==> flow/design.v <==
module gen_relation #(
   parameter BITS = 128
) (
   input wire clk_i,
   input wire [BITS-1:0] i_x,
   input wire [BITS-1:0] i_y,
   output reg o_equal
);
   reg [BITS-1:0] x_q;
   reg [BITS-1:0] y_q;
   always @(posedge clk_i) begin
      x_q <= i_x;
      y_q <= i_y;
   end
   wire [BITS-1:0] work = x_q ^ y_q;
   always @(posedge clk_i)
      o_equal <= ~|work;
endmodule
# --- Tool chain data of gen_relation ---
# Tool output for the design above, in the order of the flow.
# Line numbers count from 1 in the design file above.
# Library cell names are shortened.
setup:
  design: "gen_relation"
  clock: "clk_i"
  library: "sky130hd"
  corner: "tt_025C_1v80"

# --- Word level ---
# Yosys after proc, flatten, opt, wreduce and memory -nomap, before mapping. Enables and synchronous resets that opt folds into registers are not counted as muxes. Memory bits, and registers merged into a memory's read port (data or address), are not among the register bits. Print and check cells are not counted. Equal cells are merged and count once.
word_totals:
  inputBits: 257
  ramBits: 0
  output_inout_bits: 1
  clocked_rd_ports_x_width: 0
  word_cells: 6
  ff_bits: 257
  latchBits: 0
  mem_bits_ro: 0
  n_memories: 0
classes:
  multipliers: 0
  add_sub_neg: 0
  cmp: 0
  n_reduce_logical: 2
  n_logic: 1
  div_mod_pow: 0
  equal: 0
  n_shift: 0
  muxes: 0
op_table:
  columns: ["op", "count"]
  rows:
  - ["bitwise XOR 128 bit", 1]
  - ["OR reduction 128 bit", 1]
  - ["zero test 1 bit", 1]

# --- Longest topological paths ---
# Yosys ltp: most cells in a row. Word level: on the elaborated netlist, between registers, memories and ports. Mapped: between sequential cells and ports; inverters and the memories' decode and read muxes count.
depth:
  ltp_word: 3
  ABC_AREA: 0
  ltp_mapped: 5
  mapped_depth_nobuf: 5

# --- Netlist ---
# Source: synth_stat.txt of the flow (Yosys; design flattened, memories mapped). It holds for the ABC_AREA given above (unset counts as 0); a run with the other value may have another netlist.
mapped:
  ffs: 257
  mapped_cells: 428
  mapped_area_um2: 6538.8
by_type:
  columns: ["cell_type", "count", "area_total_um2"]
  rows:
  - ["dfxtp_1", 257, 5.14E+03]
  - ["xnor2_1", 128, 1.12E+03]
  - ["nand4_1", 34, 212.704]
  - ["nor4_1", 7, 43.792]
  - ["nor4_2", 1, 12.512]
  - ["nor2_1", 1, 3.754]

# --- Path before layout ---
# Path of least setup slack by OpenSTA after synthesis, without wires, with an ideal clock, recovery checks aside; 20% of the period is set as input and as output delay. Where synthesis merged equal registers, the netlist keeps one of their names.
synth_timing:
  path_kind: "reg-to-reg"
  start: "register y_q[85]"
  end: "register o_equal"
  clock_period_ps: 1300
  driving_pins: 6
  n_path_buf: 0
  setup_slack_ps: 257
  setup_ps: 65
  t_arrival_ps: 978
  delay_ps: 1043
  synth_period_reached_ps: 1043
# "delay_ps" is the arrival time less input delay plus setup time.
# "driving_pins": output pins that drive a net of the path, with the launching flip-flop's if there is one; two outputs of one cell count as two.
# "synth_period_reached_ps" = period - worst setup slack (recovery checks aside). The figure is calculated, with input and output delays left at 20% of the set period.
# Between the ends stands the longest chain of elaborated cells between them, by number of cells; it is not shown to be the way that was timed. Of several equally long chains one is given.
# A line is the first line of the expression or statement that the cell stems from. Yosys adds cells for indexed reads and writes and turns some case tables into memories.
synth_via:
  path_cell_list: "dfxtp_1 xnor2_1 nand4_1 nor4_1 nand4_1 nor2_1"
  elab_chain_cells: 3
  cells_between: 3
  lines_between: 2
synth_lines:
  columns: ["element", "line", "text"]
  rows:
  - ["from (decl)", 10, "reg [BITS-1:0] y_q;"]
  - ["from (assign)", 13, "y_q <= i_y;"]
  - ["bitwise XOR 128 bit", 15, "wire [BITS-1:0] work = x_q ^ y_q;"]
  - ["OR reduction 128 bit", 17, "o_equal <= ~|work;"]
  - ["zero test 1 bit", 17, null]
  - ["to (assign)", 17, null]
  - ["to (decl)", 7, "output reg o_equal"]

# --- Path in the finished layout ---
# Path of least setup slack in the final report of run 1 (OpenROAD, finished layout, wires in). Where an end is a register, its clock arrival counts in the times.
# The report prints the path's times to 10 ps; the period is as set.
layout_timing:
  path_kind: "reg-to-reg"
  start: "register y_q[36]"
  end: "register o_equal"
  n_path_buf: 1
  driving_pins: 7
  t_arrival_ps: 1960
  setup_slack_ps: -10
  setup_ps: 50
  clock_period_ps: 1500
# Between the ends stands the longest chain of elaborated cells between them, by number of cells; it is not shown to be the way that was timed. Of several equally long chains one is given.
layout_via:
  path_cell_list: "dfxtp_2 xnor2_1 nand4_1 nor4_2 buf_4 nand4_1 nor2_1"
  elab_chain_cells: 3
  cells_between: 3
  lines_between: 2
layout_lines:
  columns: ["element", "line", "text"]
  rows:
  - ["from (decl)", 10, "reg [BITS-1:0] y_q;"]
  - ["from (assign)", 13, "y_q <= i_y;"]
  - ["bitwise XOR 128 bit", 15, "wire [BITS-1:0] work = x_q ^ y_q;"]
  - ["OR reduction 128 bit", 17, "o_equal <= ~|work;"]
  - ["zero test 1 bit", 17, null]
  - ["to (assign)", 17, null]
  - ["to (decl)", 7, "output reg o_equal"]

Data sheet: physical implementation of gen_relation

Flow measurements of gen_relation on sky130hd: 3 stored runs with different settings, listed in no order. Input and output delays are each 20% of the period that was set; the output load is 0.01 pF.
"timing.achieved_period_ps": clock period set for the run, less the worst setup slack. It is reckoned from that one timing run; input and output delays stay at 20% of the period that was set.
"critical_path_time_ps": the worst setup path's part of the clock period (all of it between registers, 20% less for each end at a port) less its slack. A launch clock that arrives late makes it longer, a capture clock that arrives late makes it shorter.
"total_power_mw" is the tool's figure for a default switching activity; nothing was simulated.
"critical_path_time_ps" is known to 10 ps.

--- run 1 ---
==> flow/run.sh <==
#!/bin/bash
# the make line also repeats the synthesis and layout settings of config.mk as NAME=value (left out here)
make -C /OpenROAD-flow-scripts/flow DESIGN_CONFIG=/design/flow/config.mk WORK_HOME=/design/flow/orfs CLKGATE_MAP_FILE= finish
==> flow/config.mk <==
export PLATFORM = sky130hd
export DESIGN_NAME = gen_relation
export DESIGN_NICKNAME = gen_relation
export VERILOG_FILES = /design/flow/design.v
export SDC_FILE = /design/flow/constraint.sdc
export NUM_CORES = 4
export LEC_CHECK = 0
export ABC_AREA = 0
export CAP_MARGIN = 20
export CELL_PAD_IN_SITES_GLOBAL_PLACEMENT = 0
export CORE_MARGIN = 2
export CORE_UTILIZATION = 37
export CTS_CLUSTER_DIAMETER = 123
export CTS_CLUSTER_SIZE = 76
export GPL_ROUTABILITY_DRIVEN = 1
export HOLD_SLACK_MARGIN = 0.08
export MAX_ROUTING_LAYER = met5
export PLACE_DENSITY_LB_ADDON = 0.1
export SETUP_SLACK_MARGIN = 0.43
export SLEW_MARGIN = 20
==> flow/constraint.sdc <==
create_clock -name core_clock -period 1.5 [get_ports {clk_i}]
set_input_delay 0.3000 -clock core_clock [delete_from_list [all_inputs] [get_ports {clk_i}]]
set_output_delay 0.3000 -clock core_clock [all_outputs]
set_load 0.01 [all_outputs]

==> results, as YAML <==
results:
  synth_chip_area_um2: 6538.8
  design.die.area_um2: 18751.2
  final_stdcell_area_um2: 9663.0
  utilization_pct: 55.9
  worstSetupSlack_ps: -10
  setupTns_ps: -10
  final_hold_ws_ps: 198
  total_power_mw: 10.984
  timing.achieved_period_ps: 1510
  critical_path_time_ps: 1510
  critical_path_kind: "reg-to-reg"

--- run 2 ---
==> flow/run.sh <==
#!/bin/bash
# the make line also repeats the synthesis and layout settings of config.mk as NAME=value (left out here)
make -C /OpenROAD-flow-scripts/flow DESIGN_CONFIG=/design/flow/config.mk WORK_HOME=/design/flow/orfs CLKGATE_MAP_FILE= finish
==> flow/config.mk <==
export PLATFORM = sky130hd
export DESIGN_NAME = gen_relation
export DESIGN_NICKNAME = gen_relation
export VERILOG_FILES = /design/flow/design.v
export SDC_FILE = /design/flow/constraint.sdc
export NUM_CORES = 4
export LEC_CHECK = 0
export CAP_MARGIN = 20
export CELL_PAD_IN_SITES_GLOBAL_PLACEMENT = 3
export CORE_ASPECT_RATIO = 0.76
export CORE_MARGIN = 2
export CORE_UTILIZATION = 37
export CTS_CLUSTER_DIAMETER = 161
export MAX_ROUTING_LAYER = met4
export PLACE_DENSITY = 0.91
export SLEW_MARGIN = 20
export TNS_END_PERCENT = 80
==> flow/constraint.sdc <==
create_clock -name core_clock -period 1.84 [get_ports {clk_i}]
set_input_delay 0.3680 -clock core_clock [delete_from_list [all_inputs] [get_ports {clk_i}]]
set_output_delay 0.3680 -clock core_clock [all_outputs]
set_load 0.01 [all_outputs]

==> results, as YAML <==
results:
  synth_chip_area_um2: 6538.8
  design.die.area_um2: 18761.6
  final_stdcell_area_um2: 10171.0
  utilization_pct: 58.7
  worstSetupSlack_ps: 48
  setupTns_ps: 0
  final_hold_ws_ps: 290
  total_power_mw: 11.669
  timing.achieved_period_ps: 1792
  critical_path_time_ps: 1420
  critical_path_kind: "reg-to-output"

--- run 3 ---
==> flow/run.sh <==
#!/bin/bash
# the make line also repeats the synthesis and layout settings of config.mk as NAME=value (left out here)
make -C /OpenROAD-flow-scripts/flow DESIGN_CONFIG=/design/flow/config.mk WORK_HOME=/design/flow/orfs CLKGATE_MAP_FILE= finish
==> flow/config.mk <==
export PLATFORM = sky130hd
export DESIGN_NAME = gen_relation
export DESIGN_NICKNAME = gen_relation
export VERILOG_FILES = /design/flow/design.v
export SDC_FILE = /design/flow/constraint.sdc
export NUM_CORES = 4
export LEC_CHECK = 0
export CAP_MARGIN = 20
export CORE_MARGIN = 2
export CORE_UTILIZATION = 40
export SLEW_MARGIN = 20
==> flow/constraint.sdc <==
create_clock -name core_clock -period 1.3 [get_ports {clk_i}]
set_input_delay 0.2600 -clock core_clock [delete_from_list [all_inputs] [get_ports {clk_i}]]
set_output_delay 0.2600 -clock core_clock [all_outputs]
set_load 0.01 [all_outputs]

==> results, as YAML <==
results:
  synth_chip_area_um2: 6538.8
  design.die.area_um2: 17385.7
  final_stdcell_area_um2: 10332.4
  utilization_pct: 64.8
  worstSetupSlack_ps: -139
  setupTns_ps: -139
  final_hold_ws_ps: 186
  total_power_mw: 16.860
  timing.achieved_period_ps: 1439
  critical_path_time_ps: 1440
  critical_path_kind: "reg-to-reg"
